==> flow/design.v <==
module gen_mul_core_stage #(
  parameter int DATA_W = 8
) (
  input  logic i_clk,
  input  logic reset,
  input  logic [DATA_W-1:0] u_in,
  input  logic [DATA_W-1:0] v_in,
  output logic [DATA_W-1:0] p_out
);
  logic [DATA_W-1:0] u_ff;
  logic [DATA_W-1:0] v_ff;
  always_ff @(posedge i_clk or posedge reset) begin
    if (reset) begin
      u_ff <= '0;
      v_ff <= '0;
      p_out <= '0;
    end else begin
      u_ff <= u_in;
      v_ff <= v_in;
      p_out <= u_ff * v_ff;
    end
  end
endmodule
== Tool chain data of gen_mul_core_stage ==
The steps from the RTL of gen_mul_core_stage to its reports follow in flow order.
Line numbers count from 1 in the design file above.
Library cell names are shortened.
The mark - stands for no value.
Inputs
  design top: gen_mul_core_stage
  clock port: i_clk
  library: sky130hd
  library corner: tt_025C_1v80

== After elaboration ==
Source: Yosys, flattened and elaborated, memories not mapped. Widths are those after wreduce; folded enables and synchronous resets count as part of the registers. Registers that Yosys merges into a memory's read port (data or address) are not register bits. Print and check cells do not count. Equal cells are merged and count once.
Word-level totals
  bits in registers: 24
  output and inout bits: 8
  cells after elaboration: 4
Cells by class
  $mul: 1
Operators with widths (count)
  multiplier 8 x 8 -> 8 bit: 1

== Longest topological paths ==
Yosys ltp: most cells in a row. Word level: on the elaborated netlist, between registers, memories and ports. Mapped: between sequential cells and ports; inverters and the memories' decode and read muxes count.
Logic depth
  depth in word-level cells: 1
  ABC_AREA: 0
  depth in mapped cells: 14
  mapped depth without buffers: 14

== Netlist ==
Yosys stat after the flow's synthesis: flattened, memories mapped to cells. It holds for the ABC_AREA given above (unset counts as 0); a run with the other value may have another netlist.
The area totals of this step are shown rounded.
Cell types
  dfrtp_1: count 24, total area 600.576 um2
  fa_1: count 12, total area 240.23 um2
  ha_1: count 16, total area 200.192 um2
  and2_1: count 14, total area 87.584 um2
  inv_1: count 21, total area 78.826 um2
  xnor2_1: count 9, total area 78.826 um2
  nand2_1: count 17, total area 63.811 um2
  xnor3_1: count 2, total area 45.043 um2
  and2_2: count 4, total area 30.029 um2
  xor2_1: count 2, total area 17.517 um2
  xnor2_2: count 1, total area 16.266 um2
  a21o_1: count 2, total area 15.014 um2
  a21oi_1: count 2, total area 10.01 um2
  nand2_2: count 1, total area 6.256 um2
Mapped netlist
  cell count: 127
  synthesis area: 0.00149 mm2
  sequential part of the area: 0.0006006 mm2
  flip-flop cells: 24
  buffer cells: 0

== Timing after synthesis ==
Path of least setup slack by OpenSTA after synthesis, without wires, with an ideal clock, recovery checks aside; 20% of the period is set as input and as output delay. Where synthesis merged equal registers, the netlist keeps one of their names.
Path post-synthesis
  path kind: register to register
  start: register u_ff[1]
  end: register p_out[7]
  period: 4.5 ns
  time at the first pin: 0.000 ns
  data arrival time: 3.466 ns
  required time: 4.366 ns
  setup slack: 0.900 ns
  path delay: 3.600 ns
  stages on the path: 12
  path buffers: 0
  synthesis period reached: 3.6 ns
"path delay" is the arrival time less input delay plus setup time.
"stages on the path" counts driving pins, that of a launching flip-flop among them; a cell with two outputs on the path counts twice.
"synthesis period reached" is the clock period less the worst setup slack; recovery checks do not enter. This is arithmetic on one report: input and output delays are still those of the set period (20% each).
Between the ends stands the longest chain of elaborated cells between them, by number of cells; it is not shown to be the way that was timed. Of several equally long chains one is given.
Each line given opens the expression or statement behind the cell; cells for indexed reads and writes are added by Yosys, which also makes memories of some case tables.
On the way, post-synthesis
  cells stage by stage: dfrtp_1 > and2_1 > fa_1 > inv_1 > fa_1 > fa_1 > fa_1 > inv_1 > ha_1 > a21oi_1 > xnor3_1 > xnor3_1
  cells in the longest elaborated chain: 1
  elaborated cells between the ends (all ways): 1
  source lines of those cells: 1
  those cells by class: 1 x mul
Ends and longest elaborated chain, post-synthesis
  start, declared: line 10  | logic [DATA_W-1:0] u_ff;
  start, assigned: line 14  | u_ff <= '0;
  start, assigned: line 18  | u_ff <= u_in;
  multiplier 8 x 8 -> 8 bit: line 20  | p_out <= u_ff * v_ff;
  end, assigned: line 16  | p_out <= '0;
  end, assigned: line 20
  end, declared: line 8  | output logic [DATA_W-1:0] p_out

== Path in the finished layout ==
From the final timing report of flow run B: the path of least setup slack in the routed layout; clock arrival at registers is part of the times.
Path after layout
  path kind: register to register
  start: register u_ff[1]
  end: register p_out[7]
  period: 4.5 ns
  time at the first pin: 0.26 ns
  data arrival time: 3.93 ns
  required time: 4.65 ns
  setup slack: 0.72 ns
  stages on the path: 12
  path buffers: 0
Between the ends stands the longest chain of elaborated cells between them, by number of cells; it is not shown to be the way that was timed. Of several equally long chains one is given.
On the way, after layout
  cells stage by stage: dfrtp_1 > and2_1 > fa_1 > inv_1 > fa_1 > fa_1 > fa_1 > inv_1 > ha_1 > a21oi_1 > xnor3_1 > xnor3_1
  cells in the longest elaborated chain: 1
  elaborated cells between the ends (all ways): 1
  source lines of those cells: 1
  those cells by class: 1 x mul
Ends and longest elaborated chain, after layout
  start, declared: line 10  | logic [DATA_W-1:0] u_ff;
  start, assigned: line 14  | u_ff <= '0;
  start, assigned: line 18  | u_ff <= u_in;
  multiplier 8 x 8 -> 8 bit: line 20  | p_out <= u_ff * v_ff;
  end, assigned: line 16  | p_out <= '0;
  end, assigned: line 20
  end, declared: line 8  | output logic [DATA_W-1:0] p_out

Add stored flow runs of gen_mul_core_stage

Measured results for gen_mul_core_stage: 3 stored runs of the Yosys and OpenROAD flow on sky130hd. The settings differ; the order carries no meaning. The constraints put input and output delay at 20% of the set period each and load the outputs with 0.01 pF.
"clock period achieved" means the clock period less the worst setup slack. The figure is calculated, with input and output delays left at 20% of the set period.
The measured numbers are rounded.

==> flow run A: settings <==
{ "period_ns": 2.76, "CORE_UTILIZATION": 67, "PLACE_DENSITY": 0.45, "CORE_MARGIN": 9, "CELL_PAD_IN_SITES_DETAIL_PLACEMENT": 1, "CTS_CLUSTER_DIAMETER": 174, "SLEW_MARGIN": 5, "CAP_MARGIN": 20 }
==> flow run A: results <==
no final report: placement broke off with DPL-0033

==> flow run B: settings <==
{ "period_ns": 4.5, "CAP_MARGIN": 20, "CORE_MARGIN": 2, "CORE_UTILIZATION": 40, "SLEW_MARGIN": 20 }
==> flow run B: results <==
standard-cell area after layout: 0.001872 mm2
clock period achieved: 3.784 ns
area of the die: 0.00423 mm2
setup slack of the worst path: 0.716 ns
lowest hold slack: 0.608 ns
chip area after synthesis (Yosys): 0.00149 mm2

==> flow run C: settings <==
{ "period_ns": 4.0, "CORE_UTILIZATION": 31, "CELL_PAD_IN_SITES_GLOBAL_PLACEMENT": 1, "TNS_END_PERCENT": 25, "ABC_AREA": 0, "CAP_MARGIN": 15, "MIN_ROUTING_LAYER": "met2", "CORE_MARGIN": 2, "SLEW_MARGIN": 20 }
==> flow run C: results <==
standard-cell area after layout: 0.001894 mm2
clock period achieved: 3.805 ns
area of the die: 0.005377 mm2
setup slack of the worst path: 0.195 ns
lowest hold slack: 0.701 ns
chip area after synthesis (Yosys): 0.00149 mm2
